==> flow/design.v <==
module add_unit_top #(
    parameter integer DW = 7,
    parameter integer NIN = 12,
    parameter integer SUM_W = DW + $clog2(NIN)
) (
    input logic aclk,
    input logic [NIN*DW-1:0] bus,
    output logic [SUM_W-1:0] o
);
    logic [NIN*DW-1:0] bus_reg;
    always_ff @(posedge aclk)
        bus_reg <= bus;
    logic [SUM_W-1:0] work;
    always_comb begin
        work = 0;
        for (int n = 0; n < NIN; n++)
            work = work + bus_reg[n*DW +: DW];
    end
    assign o = work;
endmodule
# Tool chain data of add_unit_top
# Tool output for the design above, in the order of the flow.
# Lines are those of the file above, counted from 1.
# Library cell names are shortened.
# Not given: --
dict set report inputs {
  design {add_unit_top}
  clk_port {aclk}
  cell_library {sky130hd}
  corner {tt_025C_1v80}
}

# Word level
# Yosys after proc, flatten, opt, wreduce and memory -nomap, before mapping. Enables and synchronous resets that opt folds into registers are not counted as muxes. Memory bits, and registers merged into a memory's read port (data or address), are not among the register bits. Print and check cells are not counted. Equal cells are merged and count once.
dict set report word_totals {
  mem_bits_rw 0
  in_bits 85
  elab_cells 12
  romBits 0
  latch_bits 0
  ff_bits 84
  memories 0
  clocked_rd_ports_x_width 0
}
dict set report classes {
  reduce_logical 0
  shifts 0
  equal 0
  cmp 0
  add_sub_neg 11
  n_mux 0
  n_mul 0
  n_logic 0
  n_div 0
}
# cell count
set op_table {}
lappend op_table {{11-bit by 7-bit adder with 11-bit output} 7}
lappend op_table {{10-bit by 7-bit adder with 11-bit output} 1}
lappend op_table {{9-bit by 7-bit adder with 10-bit output} 1}
lappend op_table {{8-bit by 7-bit adder with 9-bit output} 1}
lappend op_table {{7-bit by 7-bit adder with 8-bit output} 1}

# Longest topological paths
# Yosys ltp: most cells in a row. Word level: on the elaborated netlist, between registers, memories and ports. Mapped: between sequential cells and ports; inverters and the memories' decode and read muxes count.
dict set report depth {
  depth_word 11
  abc_area 0
  mapped_depth 17
  depth_no_buf 17
}

# Synthesis result
# Source: synth_stat.txt of the flow (Yosys; design flattened, memories mapped). It holds for the ABC_AREA given above (unset counts as 0); a run with the other value may have another netlist.
# The area totals of this step are shown rounded.
# cell_type count
set by_type {}
lappend by_type {dfxtp_1 84}
lappend by_type {fa_1 67}
lappend by_type {inv_1 97}
lappend by_type {ha_1 16}
lappend by_type {xnor2_1 5}
lappend by_type {a21oi_1 3}
lappend by_type {nor2b_4 1}
lappend by_type {a211oi_2 1}
lappend by_type {or3_1 2}
lappend by_type {a21boi_2 1}
lappend by_type {a21oi_2 1}
lappend by_type {o21ai_2 1}
lappend by_type {xor2_1 1}
lappend by_type {a211oi_1 1}
lappend by_type {nand2_1 2}
lappend by_type {nand3b_1 1}
lappend by_type {nor2_1 2}
lappend by_type {o21a_1 1}
# Other cell types: 3; their cells: 3.
dict set report synth_totals {
  n_buf 0
  ffs 84
  yosys_area_mm2 0.003777
  stdcells 290
}

# Path before layout
# OpenSTA on the mapped netlist: ideal clock, no wires. The path of least setup slack (recovery checks aside). Input and output delay are each 20% of the period. Register names are those of the netlist, which keeps one name where synthesis merged equal registers.
dict set report synth_path {
  path_type {register to output}
  start {register bus_reg[23]}
  end {output o[8]}
  required_ps 5160
  arrival_time_ps 4130
  out_delay_ps 1290
  tclk_ps 6450
  path_buffers 0
  setup_slack_ps 1030
  delay_ps 4130
  stages 16
  launch_ps 0
  period_less_setup_slack_ps 5420
}
# "delay_ps" is the arrival time less input delay plus setup time.
# A path that ends at an output port has no setup time.
# "stages": output pins that drive a net of the path, with the launching flip-flop's if there is one; two outputs of one cell count as two.
# "period_less_setup_slack_ps" = period - worst setup slack (recovery checks aside). The figure is calculated, with input and output delays left at 20% of the set period.
# Between the ends stands the longest chain of elaborated cells between them, by number of cells; it is not shown to be the way that was timed. Of several equally long chains one is given.
# Each line given opens the expression or statement behind the cell; cells for indexed reads and writes are added by Yosys, which also makes memories of some case tables.
dict set report synth_between {
  cell_sequence {dfxtp_1 -> inv_1 -> fa_1 -> inv_1 -> fa_1 -> fa_1 -> fa_1 -> fa_1 -> ha_1 -> inv_1 -> fa_1 -> nor2b_4 -> o21ai_2 -> a21oi_2 -> a211oi_2 -> xnor2_1}
  elab_chain_len 9
  cone_cells 9
  lines_between 1
  cone_classes {add/sub (9)}
}
# element line
set synth_rtl {}
lappend synth_rtl {{start, declared} 10} ;# logic [NIN*DW-1:0] bus_reg;
lappend synth_rtl {{start, assigned} 12} ;# bus_reg <= bus;
lappend synth_rtl {{9-bit by 7-bit adder with 10-bit output} 17} ;# work = work + bus_reg[n*DW +: DW];
lappend synth_rtl {{10-bit by 7-bit adder with 11-bit output} 17}
lappend synth_rtl {{11-bit by 7-bit adder with 11-bit output x7} 17}
lappend synth_rtl {{end, declared} 8} ;# output logic [SUM_W-1:0] o

# Worst path after layout
# From the final timing report of run A: the path of least setup slack in the routed layout; clock arrival at registers is part of the times.
# The path's times are printed in steps of 10 ps; the period is the one set.
dict set report layout_path {
  path_type {register to output}
  start {register bus_reg[4]}
  end {output o[5]}
  out_delay_ps 1290
  required_ps 5160
  stages 15
  arrival_time_ps 4800
  tclk_ps 6450
  launch_ps 350
  path_buffers 1
  setup_slack_ps 360
}
# Between the ends stands the longest chain of elaborated cells between them, by number of cells; it is not shown to be the way that was timed. Of several equally long chains one is given.
dict set report layout_between {
  cell_sequence {dfxtp_1 -> inv_1 -> fa_1 -> inv_1 -> fa_1 -> fa_1 -> fa_1 -> inv_1 -> fa_1 -> inv_1 -> ha_1 -> nor2b_1 -> nor2_1 -> xnor2_1 -> clkdlybuf4s50_1}
  elab_chain_len 11
  cone_cells 11
  lines_between 1
  cone_classes {add/sub (11)}
}
# element line
set layout_rtl {}
lappend layout_rtl {{start, declared} 10} ;# logic [NIN*DW-1:0] bus_reg;
lappend layout_rtl {{start, assigned} 12} ;# bus_reg <= bus;
lappend layout_rtl {{7-bit by 7-bit adder with 8-bit output} 17} ;# work = work + bus_reg[n*DW +: DW];
lappend layout_rtl {{8-bit by 7-bit adder with 9-bit output} 17}
lappend layout_rtl {{9-bit by 7-bit adder with 10-bit output} 17}
lappend layout_rtl {{10-bit by 7-bit adder with 11-bit output} 17}
lappend layout_rtl {{11-bit by 7-bit adder with 11-bit output x7} 17}
lappend layout_rtl {{end, declared} 8} ;# output logic [SUM_W-1:0] o

; Top module add_unit_top; platform sky130hd; tools Yosys and OpenROAD; 3 stored runs in no particular order. Input and output delays are each 20% of the period that was set; the output load is 0.01 pF.
; "achieved_period_ps": clock period set for the run, less the worst setup slack. It is reckoned from that one timing run; input and output delays stay at 20% of the period that was set.
; "worst_path_time_ps" means the part of the period allowed to the worst setup path (the constraints hold back 20% at inputs and 20% at outputs) less its slack; where the path has registers, the arrival times of their clocks count too.
; "power_total_uw": no workload was simulated; the value follows from the tool's default switching activity.
; "worst_path_time_ps" is known to 10 ps.
; The results are shown rounded.

[run A: settings]
period_ns = 6.45
CAP_MARGIN = 20
CORE_MARGIN = 2
CORE_UTILIZATION = 40
SLEW_MARGIN = 20
[run A: results]
achieved_period_ps = 6094
post_synth_area_mm2 = 0.003777
fin_util_frac = 0.552
die_footprint_mm2 = 0.01024
final_cell_area_mm2 = 0.005075
worst_path_time_ps = 4800
worstPathKind = register to output
power_total_uw = 3122
setupTns_ps = 0
worstSetupSlack_ps = 356
ws_hold_ps = 1371

[run B: settings]
period_ns = 4.91
CORE_UTILIZATION = 54
CORE_ASPECT_RATIO = 1.3
CELL_PAD_IN_SITES_DETAIL_PLACEMENT = 1
TNS_END_PERCENT = 5
ABC_AREA = 0
CTS_CLUSTER_SIZE = 60
CAP_MARGIN = 15
SLEW_MARGIN = 40
CORE_MARGIN = 2
[run B: results]
outcome = not finished: clock tree synthesis ended with error DPL-0033

[run C: settings]
period_ns = 4.05
CORE_UTILIZATION = 65
SETUP_SLACK_MARGIN = 0.36
CORE_ASPECT_RATIO = 1.79
CELL_PAD_IN_SITES_GLOBAL_PLACEMENT = 3
CELL_PAD_IN_SITES_DETAIL_PLACEMENT = 0
TNS_END_PERCENT = 75
GPL_TIMING_DRIVEN = 1
MIN_ROUTING_LAYER = met1
MAX_ROUTING_LAYER = met5
CAP_MARGIN = 20
CORE_MARGIN = 2
SLEW_MARGIN = 20
[run C: results]
outcome = not finished: placement ended with error GPL-0301
